==> flow/design.v <==
module dp_reg_file #(
   parameter integer ENTRIES = 16,
   parameter integer DATA_WIDTH = 20,
   parameter integer NUM_RD = 4,
   parameter integer NW = 2,
   parameter integer ADDR_WIDTH = $clog2(ENTRIES)
) (
   input  core_clk,
   input  clr,
   input  [NW-1:0] in_we,
   input  [NW*ADDR_WIDTH-1:0] in_wr_idx,
   input  [NW*DATA_WIDTH-1:0] in_write_data,
   input  [NUM_RD*ADDR_WIDTH-1:0] in_ra,
   output [NUM_RD*DATA_WIDTH-1:0] out_q
);
   reg [NW-1:0] we_q;
   reg [NW*ADDR_WIDTH-1:0] wr_idx_q;
   reg [NW*DATA_WIDTH-1:0] write_data_q;
   reg [DATA_WIDTH-1:0] array [ENTRIES-1:0];
   integer idx;
   always @(posedge core_clk) begin
      for (idx = 0; idx < NW; idx = idx + 1)
         if (we_q[idx]) array[wr_idx_q[idx*ADDR_WIDTH +: ADDR_WIDTH]] <= write_data_q[idx*DATA_WIDTH +: DATA_WIDTH];
   end
   reg [NUM_RD*ADDR_WIDTH-1:0] ra_q;
   wire [NUM_RD*DATA_WIDTH-1:0] t;
   genvar gj;
   generate
      for (gj = 0; gj < NUM_RD; gj = gj + 1) begin : lane
         assign t[gj*DATA_WIDTH +: DATA_WIDTH] = array[ra_q[gj*ADDR_WIDTH +: ADDR_WIDTH]];
      end
   endgenerate
   assign out_q = t;
   always @(posedge core_clk or posedge clr) begin
      if (clr) begin
         we_q <= 0;
         wr_idx_q <= 0;
         write_data_q <= 0;
         ra_q <= 0;
      end else begin
         we_q <= in_we;
         wr_idx_q <= in_wr_idx;
         write_data_q <= in_write_data;
         ra_q <= in_ra;
      end
   end
endmodule
# == Reports on dp_reg_file ==
# The steps from the RTL of dp_reg_file to its reports follow in flow order.
# Line numbers count from 1 in the design file above.
# Cell names lack the library's common part.
# A cell with -- has no value.
# inputs
top,dp_reg_file
clk_port,core_clk
library,sky130hd
pvt_corner,tt_025C_1v80

# == After elaboration ==
# Source: Yosys, flattened and elaborated, memories not mapped. Widths are those after wreduce; folded enables and synchronous resets count as part of the registers. Registers that Yosys merges into a memory's read port (data or address) are not register bits. Print and check cells do not count. Equal cells are merged and count once.
# Yosys's memory passes give these memory sizes; they may raise the number of words (mostly to a power of two), join words into wider ones and drop unused or constant bits.
# classes
compare,0
addsub,0
mux,6
n_reduce_logical,0
shift,0
n_eq,0
bitwise,0
div,0
n_mul,0
# ops
cell,n
2-to-1 mux 20 bit,2
2-to-1 mux 4 bit,2
2-to-1 mux 1 bit,2
# word_totals
mem_bits_rw,320
n_memories,1
romBits,0
ff_bits,66
clocked_rd_ports_x_width,0
latch_bits,0
# mem_list
memory,size,word_bits,read_ports,write_ports,line,text
array,16,20,4,2,19,reg [DATA_WIDTH-1:0] array [ENTRIES-1:0];

# == Longest topological paths ==
# Depth = most cells in a row (Yosys ltp): at word level without a register or memory, in the mapped netlist without a sequential cell, where the memories' decode and read muxes count.
# logic_depth
depth_word,1
abc_area,0
ltp_mapped,5

# == Netlist ==
# Source: synth_stat.txt of the flow (Yosys; design flattened, memories mapped). It holds for the ABC_AREA given above (unset counts as 0); a run with the other value may have another netlist.
# mapped
ffs,386
stdcells,1507
seq_area_um2,11260.8
yosys_area_um2,24713.7
# types
type,n,area_total_um2
edfxtp_1,320,9.61E+03
mux4_2,320,7.21E+03
mux2_2,316,3.56E+03
dfrtp_1,66,1.65E+03
a22oi_1,160,1.2E+03
clkbuf_1,110,412.896
nand2_1,83,311.549
buf_2,59,295.283
nor2b_1,9,56.304
o22ai_1,9,56.304
nor2_1,14,52.55
buf_6,4,45.043
mux2_1,4,45.043
nand2b_1,7,43.792
nand3b_1,4,30.029
o21ai_0,6,30.029
and2_1,4,25.024
or3_4,2,22.522
# Other cell types: 7; their cells: 10.

# == Timing after synthesis ==
# Path of least setup slack by OpenSTA after synthesis, without wires, with an ideal clock, recovery checks aside; 20% of the period is set as input and as output delay. Where synthesis merged equal registers, the netlist keeps one of their names.
# synth_timing
path_kind,reg2reg
startpoint,register wr_idx_q[3]
endpoint,memory array[1][0]
path_slack_ps,690
driving_pins,3
path_buffers,0
setup_ps,425
delay_ps,2780
clock_period_ps,3470
arrival_time_ps,2355
synth_period_reached_ps,2780
# "delay_ps" is the arrival time less input delay plus setup time.
# "driving_pins": output pins that drive a net of the path, with the launching flip-flop's if there is one; two outputs of one cell count as two.
# "synth_period_reached_ps" = period - worst setup slack (recovery checks aside). The figure is calculated, with input and output delays left at 20% of the set period.
# Between the ends stands the longest chain of elaborated cells between them, by number of cells; it is not shown to be the way that was timed. Of several equally long chains one is given.
# Each line given opens the expression or statement behind the cell; cells for indexed reads and writes are added by Yosys, which also makes memories of some case tables.
# synth_via
cell_sequence,dfrtp_1 > or3b_2 > o21ai_0
elab_chain_cells,1
# synth_lines
element,line,text
from (decl),17,reg [NW*ADDR_WIDTH-1:0] wr_idx_q;
from (assign),37,wr_idx_q <= 0;
from (assign),42,wr_idx_q <= in_wr_idx;
2-to-1 mux 4 bit,23,if (we_q[idx]) array[wr_idx_q[idx*ADDR_WIDTH +: ADDR_WIDTH]] <= write_data_q[idx*DATA_WIDTH +: DATA_WIDTH];
to (decl),19,reg [DATA_WIDTH-1:0] array [ENTRIES-1:0];

# == Path in the finished layout ==
# Path of least setup slack in the final report of run 1 (OpenROAD, finished layout, wires in). Where an end is a register, its clock arrival counts in the times.
# The path's times are printed in steps of 10 ps; the period is the one set.
# layout_timing
path_kind,reg2out
startpoint,register ra_q[4]
endpoint,output port out_q[33]
path_slack_ps,-590
path_buffers,5
clock_period_ps,2460
output_delay_ps,490
driving_pins,9
arrival_time_ps,2560
# Between the ends stands the longest chain of elaborated cells between them, by number of cells; it is not shown to be the way that was timed. Of several equally long chains one is given.
# A memory read counts as a cell of the chain, while the word-level depth stops at memories.
# layout_via
cell_sequence,dfrtp_4 > buf_12 > buf_6 > buf_12 > buf_16 > mux4_2 > a22oi_2 > nand2_2 > buf_6
elab_chain_cells,1
# layout_lines
element,line,text
from (decl),25,reg [NUM_RD*ADDR_WIDTH-1:0] ra_q;
from (assign),39,ra_q <= 0;
from (assign),44,ra_q <= in_ra;
memory (16 x 20 bit),19,reg [DATA_WIDTH-1:0] array [ENTRIES-1:0];
to (decl),14,output [NUM_RD*DATA_WIDTH-1:0] out_q

Subject: dp_reg_file on sky130hd, stored results

Hello all,

Settings and measured results of 3 stored flow runs for module dp_reg_file (sky130hd), not sorted in any way. The constraints put input and output delay at 20% of the set period each and load the outputs with 0.01 pF.
"fin_power_w": no workload was simulated; the value follows from the tool's default switching activity.

Run 1, flow files:
==> flow/run.sh <==
#!/bin/bash
# the make line also repeats the synthesis and layout settings of config.mk as NAME=value (left out here)
make -C /OpenROAD-flow-scripts/flow DESIGN_CONFIG=/design/flow/config.mk WORK_HOME=/design/flow/orfs CLKGATE_MAP_FILE= finish
==> flow/config.mk <==
export PLATFORM = sky130hd
export DESIGN_NAME = dp_reg_file
export DESIGN_NICKNAME = dp_reg_file
export VERILOG_FILES = /design/flow/design.v
export SDC_FILE = /design/flow/constraint.sdc
export NUM_CORES = 4
export LEC_CHECK = 0
export CAP_MARGIN = 10
export CORE_MARGIN = 2
export CORE_UTILIZATION = 29
export CTS_CLUSTER_DIAMETER = 166
export CTS_CLUSTER_SIZE = 39
export GPL_TIMING_DRIVEN = 1
export MAX_ROUTING_LAYER = met5
export MIN_ROUTING_LAYER = met1
export PLACE_DENSITY = 0.56
export SETUP_SLACK_MARGIN = 0.17
export SLEW_MARGIN = 20
==> flow/constraint.sdc <==
create_clock -name core_clock -period 2.46 [get_ports {core_clk}]
set_input_delay 0.4920 -clock core_clock [delete_from_list [all_inputs] [get_ports {core_clk}]]
set_output_delay 0.4920 -clock core_clock [all_outputs]
set_load 0.01 [all_outputs]

==> results of run 1, as CSV <==
result,value
synth_chip_area_um2,24713.7
dieArea_um2,87571.6
layout_utilization_pct,38.0
worst_setup_slack_ps,-591
timing.setup.tns_ps,-38955
fin_power_w,0.014777

Run 2, flow files:
==> flow/run.sh <==
#!/bin/bash
# the make line also repeats the synthesis and layout settings of config.mk as NAME=value (left out here)
make -C /OpenROAD-flow-scripts/flow DESIGN_CONFIG=/design/flow/config.mk WORK_HOME=/design/flow/orfs CLKGATE_MAP_FILE= finish
==> flow/config.mk <==
export PLATFORM = sky130hd
export DESIGN_NAME = dp_reg_file
export DESIGN_NICKNAME = dp_reg_file
export VERILOG_FILES = /design/flow/design.v
export SDC_FILE = /design/flow/constraint.sdc
export NUM_CORES = 4
export LEC_CHECK = 0
export ABC_AREA = 1
export CAP_MARGIN = 0
export CELL_PAD_IN_SITES_DETAIL_PLACEMENT = 0
export CORE_ASPECT_RATIO = 0.91
export CORE_MARGIN = 4
export CORE_UTILIZATION = 39
export GPL_TIMING_DRIVEN = 1
export MIN_ROUTING_LAYER = met1
export PLACE_DENSITY = 0.6
export SLEW_MARGIN = 20
export TNS_END_PERCENT = 10
==> flow/constraint.sdc <==
create_clock -name core_clock -period 2.86 [get_ports {core_clk}]
set_input_delay 0.5720 -clock core_clock [delete_from_list [all_inputs] [get_ports {core_clk}]]
set_output_delay 0.5720 -clock core_clock [all_outputs]
set_load 0.01 [all_outputs]

==> results of run 2, as CSV <==
result,value
synth_chip_area_um2,28018.1
dieArea_um2,76198.4
layout_utilization_pct,47.5
worst_setup_slack_ps,-135
timing.setup.tns_ps,-1657
fin_power_w,0.016536

Run 3, flow files:
==> flow/run.sh <==
#!/bin/bash
# the make line also repeats the synthesis and layout settings of config.mk as NAME=value (left out here)
make -C /OpenROAD-flow-scripts/flow DESIGN_CONFIG=/design/flow/config.mk WORK_HOME=/design/flow/orfs CLKGATE_MAP_FILE= finish
==> flow/config.mk <==
export PLATFORM = sky130hd
export DESIGN_NAME = dp_reg_file
export DESIGN_NICKNAME = dp_reg_file
export VERILOG_FILES = /design/flow/design.v
export SDC_FILE = /design/flow/constraint.sdc
export NUM_CORES = 4
export LEC_CHECK = 0
export CAP_MARGIN = 20
export CORE_MARGIN = 2
export CORE_UTILIZATION = 40
export SLEW_MARGIN = 20
==> flow/constraint.sdc <==
create_clock -name core_clock -period 3.47 [get_ports {core_clk}]
set_input_delay 0.6940 -clock core_clock [delete_from_list [all_inputs] [get_ports {core_clk}]]
set_output_delay 0.6940 -clock core_clock [all_outputs]
set_load 0.01 [all_outputs]

==> results of run 3, as CSV <==
result,value
synth_chip_area_um2,24713.7
dieArea_um2,63789.1
layout_utilization_pct,48.9
worst_setup_slack_ps,42
timing.setup.tns_ps,0
fin_power_w,0.012827

Thanks
